==> flow/design.v <==
module data_mux_stage #(
  parameter W = 8
) (
  input wire clk_i,
  input wire [W-1:0] in_data_0,
  input wire [W-1:0] in_data_1,
  input wire [W-1:0] in_data_2,
  input wire [W-1:0] in_data_3,
  input wire [W-1:0] in_data_4,
  input wire [W-1:0] in_data_5,
  input wire [2:0] in_addr,
  output reg [W-1:0] out_dout
);
  reg [W-1:0] cur;
  always @* begin
    case (in_addr)
      3'd0: cur = in_data_0;
      3'd1: cur = in_data_1;
      3'd2: cur = in_data_2;
      3'd3: cur = in_data_3;
      3'd4: cur = in_data_4;
      default: cur = in_data_5;
    endcase
  end
  always @(posedge clk_i) begin
    out_dout <= cur;
  end
endmodule
Tool chain data of data_mux_stage
Tool output for the design above, in the order of the flow.
Line numbers count from 1 in the design file above.
Operators: Yosys type, input widths -> output width; for muxes data width and select width s.
Library cell names are shortened.
The mark -- stands for no value.
- top: data_mux_stage
- clock port: clk_i
- library: sky130hd
- timing corner: tt_025C_1v80

Word-level counts
Yosys after proc, flatten, opt, wreduce and memory -nomap, before mapping. Enables and synchronous resets that opt folds into registers are not counted as muxes. Memory bits, and registers merged into a memory's read port (data or address), are not among the register bits. Print and check cells are not counted. Equal cells are merged and count once.
- reductions and logical operators: 1
- noted $add $sub $neg: 0
- noted divide/modulo/power cells: 0
- multiplexer cells: 1
- multipliers: 0
- equality and inequality tests: 4
- magnitude comparators: 0
- noted shift-type cells: 0
- bitwise operators at 0
- operators by type and width (kind ; number):
    $pmux 8 s5 ; 1
    $eq 3x2->1 const B ; 2
    $eq 3x1->1 const B ; 1
    $eq 3x3->1 const B ; 1
    $logic_not 3->1 ; 1
- bits in registers: 8
- input port bits at 52
- noted word-level cells: 7
- output and inout port bits at 8
- noted memory bits (read-only): 0
- word width x clocked read ports: 0
- noted memories: 0
- bits in writable memories: 0
- noted bits in latches: 0

Longest topological paths
Depth = most cells in a row (Yosys ltp): at word level without a register or memory, in the mapped netlist without a sequential cell, where the memories' decode and read muxes count.
- word-level depth: 2
- ABC_AREA at 0
- noted gate-level depth with buffers: 6
- gate-level depth less buffers: 4

Mapped cells and area
Source: synth_stat.txt of the flow (Yosys; design flattened, memories mapped). It holds for the ABC_AREA given above (unset counts as 0); a run with the other value may have another netlist.
The area totals of this step are shown rounded.
- cell types (cell type ; number ; area in all (um^2)):
    dfxtp_1 ; 8 ; 160.154
    mux4_1 ; 2 ; 52.55
    a221o_1 ; 4 ; 40.038
    mux2i_1 ; 4 ; 40.038
    a221oi_1 ; 4 ; 35.034
    a221oi_2 ; 2 ; 30.029
    o21a_1 ; 4 ; 30.029
    o21ai_0 ; 6 ; 30.029
    mux2_2 ; 2 ; 22.522
    buf_12 ; 1 ; 20.019
    nor2_1 ; 5 ; 18.768
    a21o_2 ; 2 ; 17.517
    a21o_1 ; 2 ; 15.014
    o22ai_1 ; 2 ; 12.512
    buf_6 ; 1 ; 11.261
    a21oi_1 ; 2 ; 10.01
    buf_2 ; 2 ; 10.01
    o21ai_1 ; 2 ; 10.01
Not listed: further types 7, cells in them 7.
- noted area of sequential cells: 0.0001602 mm^2
- noted buffers: 5
- chip area (Yosys): 0.0006043 mm^2
- flip-flops at 8
- mapped cells at 62

Timing after synthesis
OpenSTA on the mapped netlist: ideal clock, no wires. The path of least setup slack (recovery checks aside). Input and output delay are each 20% of the period. Register names are those of the netlist, which keeps one name where synthesis merged equal registers.
- path type: input to register
- start: input in_addr[0]
- end: register out_dout[6]
- data required time at 1503 ps
- delay of the path at 1041 ps
- time at the first pin: 326 ps
- buffers on the path at 2
- arrival time: 1240 ps
- noted period: 1630 ps
- noted driving pins on the path: 6
- setup slack: 262 ps
- setup time at 127 ps
- external input delay: 326 ps
- synthesis period reached at 1368 ps
"delay of the path" = arrival - input delay + setup time.
"driving pins on the path" counts driving pins, that of a launching flip-flop among them; a cell with two outputs on the path counts twice.
"synthesis period reached" = period - worst setup slack (recovery checks aside). The figure is calculated, with input and output delays left at 20% of the set period.
Between the ends stands the longest chain of elaborated cells between them, by number of cells; it is not shown to be the way that was timed. Of several equally long chains one is given.
A line is the first line of the expression or statement that the cell stems from. Yosys adds cells for indexed reads and writes and turns some case tables into memories.
- cells stage by stage: buf_6 -> buf_12 -> o21a_1 -> a221o_1 -> a221oi_2 -> o21ai_1
- noted length of the longest elaborated chain: 2
- elaborated cells on any way between the ends: 6
- noted source lines of those cells: 1
- those cells by class: eq/ne (4); mux (1); reduce/logical (1)
- ends and longest elaborated chain, after synthesis (what ; line ; source):
    start: declaration ; 11 ; input wire [2:0] in_addr,
    $eq 3x3->1 ; 16 ; case (in_addr)
    $pmux 8 s5 ; 16 ;
    end: assignment ; 26 ; out_dout <= cur;
    end: declaration ; 12 ; output reg [W-1:0] out_dout

Timing after layout
Path of least setup slack in the final report of run 1 (OpenROAD, finished layout, wires in). Where an end is a register, its clock arrival counts in the times.
The path's times are printed in steps of 10 ps; the period is the one set.
- path type: input to register
- start: input in_addr[1]
- end: register out_dout[7]
- time at the first pin: 330 ps
- noted driving pins on the path: 6
- setup time at 120 ps
- setup slack: 130 ps
- arrival time: 1630 ps
- data required time at 1760 ps
- external input delay: 330 ps
- noted period: 1630 ps
- buffers on the path at 2
Between the ends stands the longest chain of elaborated cells between them, by number of cells; it is not shown to be the way that was timed. Of several equally long chains one is given.
- cells stage by stage: clkdlybuf4s50_1 -> buf_4 -> nor2_2 -> nand2_1 -> o22ai_1 -> a221oi_1
- noted length of the longest elaborated chain: 2
- elaborated cells on any way between the ends: 6
- noted source lines of those cells: 1
- those cells by class: eq/ne (4); mux (1); reduce/logical (1)
- ends and longest elaborated chain, post-layout (what ; line ; source):
    start: declaration ; 11 ; input wire [2:0] in_addr,
    $eq 3x3->1 ; 16 ; case (in_addr)
    $pmux 8 s5 ; 16 ;
    end: assignment ; 26 ; out_dout <= cur;
    end: declaration ; 12 ; output reg [W-1:0] out_dout

Stored flow runs of data_mux_stage (3 of them; Yosys, OpenROAD, sky130hd). They differ in their settings and are not a sequence. Constraints: input delay and output delay 20% of the set period each, output load 0.01 pF.
"clock period achieved" is the run's clock period less its worst setup slack. It is reckoned from that one timing run; input and output delays stay at 20% of the period that was set.
"worst setup path time" is the time allowed to the run's worst setup path (the clock period less input and output delay, where it has them) less its slack. Clock arrival times count: a late capture clock shortens it, a late launch clock lengthens it.
"worst setup path time" is given in steps of 10 ps.
Values from the reports are rounded here.

Run 1
Settings were period_ns = 1.63; CAP_MARGIN = 20; CORE_MARGIN = 2; CORE_UTILIZATION = 40; SLEW_MARGIN = 20
- noted the utilization after routing: 88.8%
- noted the post-synthesis cell area: 0.0006043 mm^2
- worst hold slack in the final report: 556 ps
- clock period achieved at 1500 ps
- worst setup slack after layout at 130 ps
- area of the die at 0.001838 mm^2
- noted the worst setup path time: 1170 ps
- kind of the worst setup path: input to register
- noted the standard-cell area after routing: 0.001291 mm^2

Run 2
Settings were period_ns = 0.974; CORE_UTILIZATION = 37; SETUP_SLACK_MARGIN = -0.0; CELL_PAD_IN_SITES_GLOBAL_PLACEMENT = 0; CELL_PAD_IN_SITES_DETAIL_PLACEMENT = 0; ABC_AREA = 0; MIN_ROUTING_LAYER = met2; MAX_ROUTING_LAYER = met5; CAP_MARGIN = 20; CORE_MARGIN = 2; SLEW_MARGIN = 20
- noted the utilization after routing: 85.6%
- noted the post-synthesis cell area: 0.0006043 mm^2
- worst hold slack in the final report: 362 ps
- clock period achieved at 1128 ps
- worst setup slack after layout at -154 ps
- area of the die at 0.001973 mm^2
- noted the worst setup path time: 930 ps
- kind of the worst setup path: input to register
- noted the standard-cell area after routing: 0.001305 mm^2

Run 3
Settings were period_ns = 1.28; CORE_UTILIZATION = 21; CORE_ASPECT_RATIO = 0.85; CORE_MARGIN = 2; CELL_PAD_IN_SITES_GLOBAL_PLACEMENT = 0; GPL_TIMING_DRIVEN = 1; SLEW_MARGIN = 30; MAX_ROUTING_LAYER = met4; CAP_MARGIN = 20
- noted the utilization after routing: 51.5%
- noted the post-synthesis cell area: 0.0006043 mm^2
- worst hold slack in the final report: 513 ps
- clock period achieved at 1234 ps
- worst setup slack after layout at 46 ps
- area of the die at 0.003324 mm^2
- noted the worst setup path time: 980 ps
- kind of the worst setup path: input to register
- noted the standard-cell area after routing: 0.001369 mm^2
